==> flow/design.v <==
module gen_summer_p (core_clk, clr, arg0, arg1, arg2, q);
  parameter integer NBITS = 40;
  input core_clk;
  input clr;
  input [NBITS-1:0] arg0;
  input [NBITS-1:0] arg1;
  input [NBITS-1:0] arg2;
  output [NBITS+1:0] q;
  reg [NBITS-1:0] arg0_s;
  reg [NBITS-1:0] arg1_s;
  reg [NBITS-1:0] arg2_s;
  always @(posedge core_clk or posedge clr) begin
    if (clr) begin
      arg0_s <= 0;
      arg1_s <= 0;
      arg2_s <= 0;
    end else begin
      arg0_s <= arg0;
      arg1_s <= arg1;
      arg2_s <= arg2;
    end
  end
  assign q = arg0_s + arg1_s + arg2_s;
endmodule
======== Tool chain data of gen_summer_p ========
What the tools print for gen_summer_p, step after step.
Line numbers count from 1 in the design file above.
Operators: Yosys type, input widths -> output width; for muxes data width and select width s.
Not given: --
set-up
  design top .............................. gen_summer_p
  clock ................................... core_clk
  library ................................. sky130hd
  library corner .......................... tt_025C_1v80

======== Elaborated design ========
Yosys after proc, flatten, opt, wreduce and memory -nomap, before mapping. Enables and synchronous resets that opt folds into registers are not counted as muxes. Memory bits, and registers merged into a memory's read port (data or address), are not among the register bits. Print and check cells are not counted. Equal cells are merged and count once.
bit counts
  bits in registers ....................... 120
  bits of input ports ..................... 122
  output and inout port bits .............. 42
operators by class
  add/sub/neg operators ................... 2
operators with widths
  operator        number
  $add 41x40->42  1
  $add 40x40->41  1

======== Logic depth ========
Longest topological path by Yosys (ltp), each cell counted once; first at word level (registers and memories cut), then after technology mapping (sequential cells cut; the memories' decode and read muxes count).
depth
  depth in word-level cells ............... 2
  ABC_AREA ................................ 0
  mapped depth ............................ 13

======== Synthesis result ========
The flow's flattened synthesis, as Yosys stat reports it; memories are mapped. The netlist is that of the ABC_AREA named above (0 if unset); the other value can give another one.
mapped netlist
  standard cells after synthesis .......... 508
  cell area after synthesis ............... 6189.7 µm²
  area of sequential cells ................ 3002.9 µm²
  flip-flops .............................. 120
  buffer cells ............................ 16
cell types
  cell type                  number  total area (µm²)
  sky130_fd_sc_hd__dfrtp_1   120     3002.88
  sky130_fd_sc_hd__fa_1      41      820.787
  sky130_fd_sc_hd__ha_1      39      487.968
  sky130_fd_sc_hd__a21oi_1   44      220.211
  sky130_fd_sc_hd__xnor2_1   25      218.96
  sky130_fd_sc_hd__a21o_1    22      165.158
  sky130_fd_sc_hd__nand2_1   28      105.101
  sky130_fd_sc_hd__o21bai_1  13      97.594
  sky130_fd_sc_hd__xor2_1    10      87.584
  sky130_fd_sc_hd__o21ai_0   16      80.077
  sky130_fd_sc_hd__nand4_1   11      68.816
  sky130_fd_sc_hd__nor2_1    18      67.565
  sky130_fd_sc_hd__inv_1     16      60.058
  sky130_fd_sc_hd__nand3_1   12      60.058
  sky130_fd_sc_hd__clkbuf_1  15      56.304
  sky130_fd_sc_hd__a211oi_1  6       45.043
  sky130_fd_sc_hd__o21a_1    6       45.043
  sky130_fd_sc_hd__nor3_1    7       35.034
Not listed: further types 34, cells in them 59.

======== Timing after synthesis ========
OpenSTA on the mapped netlist: ideal clock, no wires. The path of least setup slack (recovery checks aside). Input and output delay are each 20% of the period. Register names are those of the netlist, which keeps one name where synthesis merged equal registers.
timing path after synthesis
  path kind ............................... register -> output
  from .................................... reg arg0_s[1]
  to ...................................... out q[37]
  period .................................. 4.93 ns
  external output delay ................... 0.986 ns
  arrival time ............................ 3.154 ns
  data required time ...................... 3.944 ns
  setup slack ............................. 0.790 ns
  delay of the path ....................... 3.154 ns
  driving pins on the path ................ 12
  path buffers ............................ 0
  synthesis period reached ................ 4.14 ns
"delay of the path" is the arrival time less input delay plus setup time.
At an output port there is no setup time.
"driving pins on the path": output pins that drive a net of the path, with the launching flip-flop's if there is one; two outputs of one cell count as two.
"synthesis period reached" = period - worst setup slack (recovery checks aside). The figure is calculated, with input and output delays left at 20% of the set period.
Between the ends stands the longest chain of elaborated cells between them, by number of cells; it is not shown to be the way that was timed. Of several equally long chains one is given.
A line is the first line of the expression or statement that the cell stems from. Yosys adds cells for indexed reads and writes and turns some case tables into memories.
on the way, after synthesis
  path through ............................ sky130_fd_sc_hd__dfrtp_1 sky130_fd_sc_hd__fa_1 sky130_fd_sc_hd__ha_1 sky130_fd_sc_hd__fa_1 sky130_fd_sc_hd__a211oi_1 sky130_fd_sc_hd__o21ai_1 sky130_fd_sc_hd__a21oi_1 sky130_fd_sc_hd__nor2b_1 sky130_fd_sc_hd__a21oi_2 sky130_fd_sc_hd__o31ai_2 sky130_fd_sc_hd__nor2b_1 sky130_fd_sc_hd__nor4_1
  length of the longest elaborated chain .. 2
RTL lines, path after synthesis
  element          RTL line  RTL
  start, declared  9         reg [NBITS-1:0] arg0_s;
  start, assigned  14        arg0_s <= 0;
  start, assigned  18        arg0_s <= arg0;
  $add 40x40->41   23        assign q = arg0_s + arg1_s + arg2_s;
  $add 41x40->42   23
  end, declared    8         output [NBITS+1:0] q;

======== Worst path after layout ========
From the final timing report of run A: the path of least setup slack in the routed layout; clock arrival at registers is part of the times.
timing path after layout
  path kind ............................... register -> output
  from .................................... reg arg2_s[2]
  to ...................................... out q[40]
  period .................................. 4.93 ns
  external output delay ................... 0.99 ns
  arrival time ............................ 3.82 ns
  data required time ...................... 3.94 ns
  setup slack ............................. 0.12 ns
  driving pins on the path ................ 12
  path buffers ............................ 1
Between the ends stands the longest chain of elaborated cells between them, by number of cells; it is not shown to be the way that was timed. Of several equally long chains one is given.
on the way, after layout
  path through ............................ sky130_fd_sc_hd__dfrtp_1 sky130_fd_sc_hd__fa_1 sky130_fd_sc_hd__ha_1 sky130_fd_sc_hd__a21o_1 sky130_fd_sc_hd__a41o_1 sky130_fd_sc_hd__nand3b_1 sky130_fd_sc_hd__a311oi_4 sky130_fd_sc_hd__o31ai_4 sky130_fd_sc_hd__a311o_1 sky130_fd_sc_hd__a41oi_2 sky130_fd_sc_hd__xnor2_2 sky130_fd_sc_hd__buf_2
  length of the longest elaborated chain .. 1
RTL lines, path after layout
  element          RTL line  RTL
  start, declared  11        reg [NBITS-1:0] arg2_s;
  start, assigned  16        arg2_s <= 0;
  start, assigned  20        arg2_s <= arg2;
  $add 41x40->42   23        assign q = arg0_s + arg1_s + arg2_s;
  end, declared    8         output [NBITS+1:0] q;

Memo
Re: implementation data of gen_summer_p

Top module gen_summer_p; platform sky130hd; tools Yosys and OpenROAD; 3 stored runs in no particular order. Input and output delays are each 20% of the period that was set; the output load is 0.01 pF.
"achieved clock period" = clock period - worst setup slack. The figure is calculated, with input and output delays left at 20% of the set period.
"overall power" is the tool's figure for a default switching activity; nothing was simulated.

======== run A ========
==> flow/run.sh <==
#!/bin/bash
# the make line also repeats the synthesis and layout settings of config.mk as NAME=value (left out here)
make -C /OpenROAD-flow-scripts/flow DESIGN_CONFIG=/design/flow/config.mk WORK_HOME=/design/flow/orfs CLKGATE_MAP_FILE= finish
==> flow/config.mk <==
export PLATFORM = sky130hd
export DESIGN_NAME = gen_summer_p
export DESIGN_NICKNAME = gen_summer_p
export VERILOG_FILES = /design/flow/design.v
export SDC_FILE = /design/flow/constraint.sdc
export NUM_CORES = 4
export LEC_CHECK = 0
export CAP_MARGIN = 20
export CORE_MARGIN = 2
export CORE_UTILIZATION = 40
export SLEW_MARGIN = 20
==> flow/constraint.sdc <==
create_clock -name core_clock -period 4.93 [get_ports {core_clk}]
set_input_delay 0.9860 -clock core_clock [delete_from_list [all_inputs] [get_ports {core_clk}]]
set_output_delay 0.9860 -clock core_clock [all_outputs]
set_load 0.01 [all_outputs]

-------- measured, run A --------
  chip area after synthesis (Yosys) ....... 6189.7 µm²
  full die area ........................... 16485.3 µm²
  achieved clock period ................... 4.809 ns
  final setup TNS ......................... 0.000 ns
  standard-cell area after layout ......... 8847.2 µm²
  utilization ............................. 0.584
  worst-case hold slack ................... 1.001 ns
  overall power ........................... 3759 uW
  setup slack of the critical path ........ 0.121 ns

======== run B ========
==> flow/run.sh <==
#!/bin/bash
# the make line also repeats the synthesis and layout settings of config.mk as NAME=value (left out here)
make -C /OpenROAD-flow-scripts/flow DESIGN_CONFIG=/design/flow/config.mk WORK_HOME=/design/flow/orfs CLKGATE_MAP_FILE= finish
==> flow/config.mk <==
export PLATFORM = sky130hd
export DESIGN_NAME = gen_summer_p
export DESIGN_NICKNAME = gen_summer_p
export VERILOG_FILES = /design/flow/design.v
export SDC_FILE = /design/flow/constraint.sdc
export NUM_CORES = 4
export LEC_CHECK = 0
export ABC_AREA = 1
export CAP_MARGIN = 40
export CELL_PAD_IN_SITES_DETAIL_PLACEMENT = 1
export CELL_PAD_IN_SITES_GLOBAL_PLACEMENT = 0
export CORE_MARGIN = 3
export CORE_UTILIZATION = 56
export CTS_CLUSTER_DIAMETER = 114
export MAX_ROUTING_LAYER = met4
export MIN_ROUTING_LAYER = met2
export PLACE_DENSITY_LB_ADDON = 0.09
export SETUP_SLACK_MARGIN = 0.02
export SLEW_MARGIN = 20
==> flow/constraint.sdc <==
create_clock -name core_clock -period 6.67 [get_ports {core_clk}]
set_input_delay 1.3340 -clock core_clock [delete_from_list [all_inputs] [get_ports {core_clk}]]
set_output_delay 1.3340 -clock core_clock [all_outputs]
set_load 0.01 [all_outputs]

-------- run B --------
  unfinished; error DPL-0033 in placement

======== run C ========
==> flow/run.sh <==
#!/bin/bash
# the make line also repeats the synthesis and layout settings of config.mk as NAME=value (left out here)
make -C /OpenROAD-flow-scripts/flow DESIGN_CONFIG=/design/flow/config.mk WORK_HOME=/design/flow/orfs CLKGATE_MAP_FILE= finish
==> flow/config.mk <==
export PLATFORM = sky130hd
export DESIGN_NAME = gen_summer_p
export DESIGN_NICKNAME = gen_summer_p
export VERILOG_FILES = /design/flow/design.v
export SDC_FILE = /design/flow/constraint.sdc
export NUM_CORES = 4
export LEC_CHECK = 0
export CAP_MARGIN = 20
export CELL_PAD_IN_SITES_GLOBAL_PLACEMENT = 0
export CORE_MARGIN = 2
export CORE_UTILIZATION = 63
export CTS_CLUSTER_SIZE = 64
export GPL_TIMING_DRIVEN = 0
export SETUP_SLACK_MARGIN = 0.64
export SLEW_MARGIN = 35
==> flow/constraint.sdc <==
create_clock -name core_clock -period 3.86 [get_ports {core_clk}]
set_input_delay 0.7720 -clock core_clock [delete_from_list [all_inputs] [get_ports {core_clk}]]
set_output_delay 0.7720 -clock core_clock [all_outputs]
set_load 0.01 [all_outputs]

-------- run C --------
  unfinished; error DPL-0033 in clock tree synthesis
